==> flow/design.v <==
module core_registers_v2 #(
   parameter NWORDS = 10,
   parameter W = 32,
   parameter NUM_RD = 4,
   parameter WP = 2,
   parameter IDX_W = $clog2(NWORDS)
) (
   input logic aclk,
   input logic [WP-1:0] wen,
   input logic [WP*IDX_W-1:0] wsel,
   input logic [WP*W-1:0] din,
   input logic [NUM_RD*IDX_W-1:0] rd_idx,
   output logic [NUM_RD*W-1:0] rd
);
   logic [WP-1:0] wen_q;
   logic [WP*IDX_W-1:0] wsel_q;
   logic [WP*W-1:0] din_q;
   logic [W-1:0] ram [0:NWORDS-1];
   always_ff @(posedge aclk) begin
      for (int n = 0; n < WP; n++)
         if (wen_q[n]) ram[wsel_q[n*IDX_W +: IDX_W]] <= din_q[n*W +: W];
   end
   logic [NUM_RD*IDX_W-1:0] rd_idx_q;
   logic [NUM_RD*W-1:0] cur;
   generate
      for (genvar m = 0; m < NUM_RD; m++) begin : blk
         assign cur[m*W +: W] = ram[rd_idx_q[m*IDX_W +: IDX_W]];
      end
   endgenerate
   logic [NUM_RD*W-1:0] rd_q;
   assign rd = rd_q;
   always_ff @(posedge aclk) begin
      wen_q <= wen;
      wsel_q <= wsel;
      din_q <= din;
      rd_idx_q <= rd_idx;
      rd_q <= cur;
   end
endmodule
* Tool chain data of core_registers_v2 *
What the tools print for core_registers_v2, step after step.
Line numbers count from 1 in the design file above.
Library cell names are shortened.
The mark - stands for no value.

design
  top module = core_registers_v2
  clock input = aclk
  library = sky130hd
  timing corner = tt_025C_1v80

* Word level *
Yosys after proc, flatten, opt, wreduce and memory -nomap, before mapping. Enables and synchronous resets that opt folds into registers are not counted as muxes. Memory bits, and registers merged into a memory's read port (data or address), are not among the register bits. Print and check cells are not counted. Equal cells are merged and count once.
Memory sizes are those after Yosys's memory passes, which may raise the word count (mostly to a power of two), join words into wider ones and drop unused or constant bits.

bit counts
  word width x clocked read ports = 128
  bits of input ports = 91
  bits in registers = 90
  elaborated cells = 11
  memories kept = 1
  RAM bits = 320
  output and inout bits = 128

memory list
  memory  depth  bits a word  read ports  wr ports  line  source
  ram     10     32           4           2         18    logic [W-1:0] ram [0:NWORDS-1];

operators by class
  multiplexer cells = 6

operators by type and width
  cell                count
  two-way mux 32 bit  2
  two-way mux 4 bit   2
  two-way mux 1 bit   2

* Logic depth *
Yosys ltp: most cells in a row. Word level: on the elaborated netlist, between registers, memories and ports. Mapped: between sequential cells and ports; inverters and the memories' decode and read muxes count.

depth
  word-level depth = 1
  ABC_AREA = 0
  depth in mapped cells = 6
  depth with buffers taken out = 3

* After synthesis *
The flow's flattened synthesis, as Yosys stat reports it; memories are mapped. The netlist is that of the ABC_AREA named above (0 if unset); the other value can give another one.

mapped netlist
  sequential part of the area = 13973.4 um2
  standard cells after synthesis = 2308
  chip area (Yosys) = 29351.9 um2
  flip-flop cells = 538

cell types
  cell type  count  area in all (um2)
  edfxtp_1   320    9.61E+03
  mux2_2     617    6.95E+03
  dfxtp_1    218    4.36E+03
  mux2i_1    256    2.56E+03
  a22o_1     128    1.12E+03
  mux2_1     87     979.69
  o31ai_1    128    960.922
  o22ai_1    128    800.768
  nand2_1    136    510.49
  buf_2      64     320.307
  clkbuf_1   73     274.013
  buf_1      71     266.506
  buf_4      28     210.202
  buf_6      15     168.912
  nand2b_1   6      37.536
  o21bai_1   5      37.536
  nor2b_1    5      31.28
  o21ai_0    5      25.024

Not listed: further types 10, cells in them 18.

* Path before layout *
OpenSTA on the mapped netlist: ideal clock, no wires. The path of least setup slack (recovery checks aside). Input and output delay are each 20% of the period. Register names are those of the netlist, which keeps one name where synthesis merged equal registers.

timing path after synthesis
  path kind = register to register
  start = register wen_q[0]
  end = memory ram[0][0]
  path delay = 3.563 ns
  driving pins on the path = 3
  time at the first pin = 0.000 ns
  arrival time = 3.097 ns
  library setup time = 0.466 ns
  slack = 0.887 ns
  buffers on the path = 0
  clock period = 4.45 ns
  synthesis period reached = 3.563 ns

"path delay" = arrival - input delay + setup time.
"driving pins on the path": output pins that drive a net of the path, with the launching flip-flop's if there is one; two outputs of one cell count as two.
"synthesis period reached" is the clock period less the worst setup slack; recovery checks do not enter. This is arithmetic on one report: input and output delays are still those of the set period (20% each).
The rows between start and end are the longest chain of elaborated cells between them; the timing report does not say that the signal goes this way. Where chains are equally long, one stands for them.
Each line given opens the expression or statement behind the cell; cells for indexed reads and writes are added by Yosys, which also makes memories of some case tables.
The path ends at the enable pin of a flip-flop; only ways to that pin are counted.

on the way, after synthesis
  cell sequence = dfxtp_1 -> or3b_2 -> o21ai_0
  cells in the longest elaborated chain = 1

RTL lines, path after synthesis
  what               line  source
  from (decl)        15    logic [WP-1:0] wen_q;
  from (assign)      33    wen_q <= wen;
  two-way mux 4 bit  21    if (wen_q[n]) ram[wsel_q[n*IDX_W +: IDX_W]] <= din_q[n*W +: W];
  to (decl)          18    logic [W-1:0] ram [0:NWORDS-1];

* Path in the finished layout *
Path of least setup slack in the final report of entry C (OpenROAD, finished layout, wires in). Where an end is a register, its clock arrival counts in the times.

timing path post-layout
  path kind = register to register
  start = register wen_q[1]
  end = memory ram[3][15]
  time at the first pin = 0.64 ns
  arrival time = 3.15 ns
  slack = 1.64 ns
  buffers on the path = 2
  clock period = 4.45 ns
  driving pins on the path = 6
  library setup time = 0.28 ns

The rows between start and end are the longest chain of elaborated cells between them; the timing report does not say that the signal goes this way. Where chains are equally long, one stands for them.
The path ends at the enable pin of a flip-flop; only ways to that pin are counted.

on the way, post-layout
  cell sequence = dfxtp_1 -> nor3b_2 -> and3_2 -> o21bai_4 -> buf_16 -> buf_16
  cells in the longest elaborated chain = 1

RTL lines, path post-layout
  what               line  source
  from (decl)        15    logic [WP-1:0] wen_q;
  from (assign)      33    wen_q <= wen;
  two-way mux 4 bit  21    if (wen_q[n]) ram[wsel_q[n*IDX_W +: IDX_W]] <= din_q[n*W +: W];
  to (decl)          18    logic [W-1:0] ram [0:NWORDS-1];

# Flow runs of core_registers_v2

Measured data: module core_registers_v2, platform sky130hd, 3 stored runs of the flow under differing settings, order arbitrary. Input and output delays are each 20% of the period that was set; the output load is 0.01 pF.
"clock period reached" means the clock period less the worst setup slack. The figure is calculated, with input and output delays left at 20% of the set period.
"worst setup path time" means the part of the period allowed to the worst setup path (the constraints hold back 20% at inputs and 20% at outputs) less its slack; where the path has registers, the arrival times of their clocks count too.
"power consumption" is the tool's figure for a default switching activity; nothing was simulated.
A setting shown as -- is not set for that run.
Among the results, -- means that no value is shown for the run.

name                                     entry A  entry B  entry C
period_ns                                2.69     3.01     4.45
CORE_UTILIZATION                         69       61       40
CORE_ASPECT_RATIO                        1.17     --       --
CELL_PAD_IN_SITES_GLOBAL_PLACEMENT       3        2        --
CELL_PAD_IN_SITES_DETAIL_PLACEMENT       2        --       --
TNS_END_PERCENT                          75       15       --
GPL_ROUTABILITY_DRIVEN                   1        --       --
CTS_CLUSTER_SIZE                         21       --       --
CTS_CLUSTER_DIAMETER                     285      --       --
SLEW_MARGIN                              35       20       20
CAP_MARGIN                               20       20       20
CORE_MARGIN                              2        2        2
SETUP_SLACK_MARGIN                       --       0.87     --
PLACE_DENSITY_LB_ADDON                   --       0.02     --
MIN_ROUTING_LAYER                        --       met1     --
chip area after synthesis (Yosys) (um2)  --       --       29351.9
area inside the die boundary (um2)       --       --       75561.8
standard-cell area after routing (um2)   --       --       34450.5
post-layout utilization                  --       --       0.473
setup slack of the worst path (ns)       --       --       1.642
post-route setup TNS (ns)                --       --       0.000
final worst hold slack (ns)              --       --       0.662
power consumption (mW)                   --       --       13.002
clock period reached (ns)                --       --       2.808
worst setup path time (ns)               --       --       2.81
worst path kind                          --       --       register to register

Entry A: incomplete, placement halted on GPL-0301
Entry B: incomplete, placement halted on FLW-0024
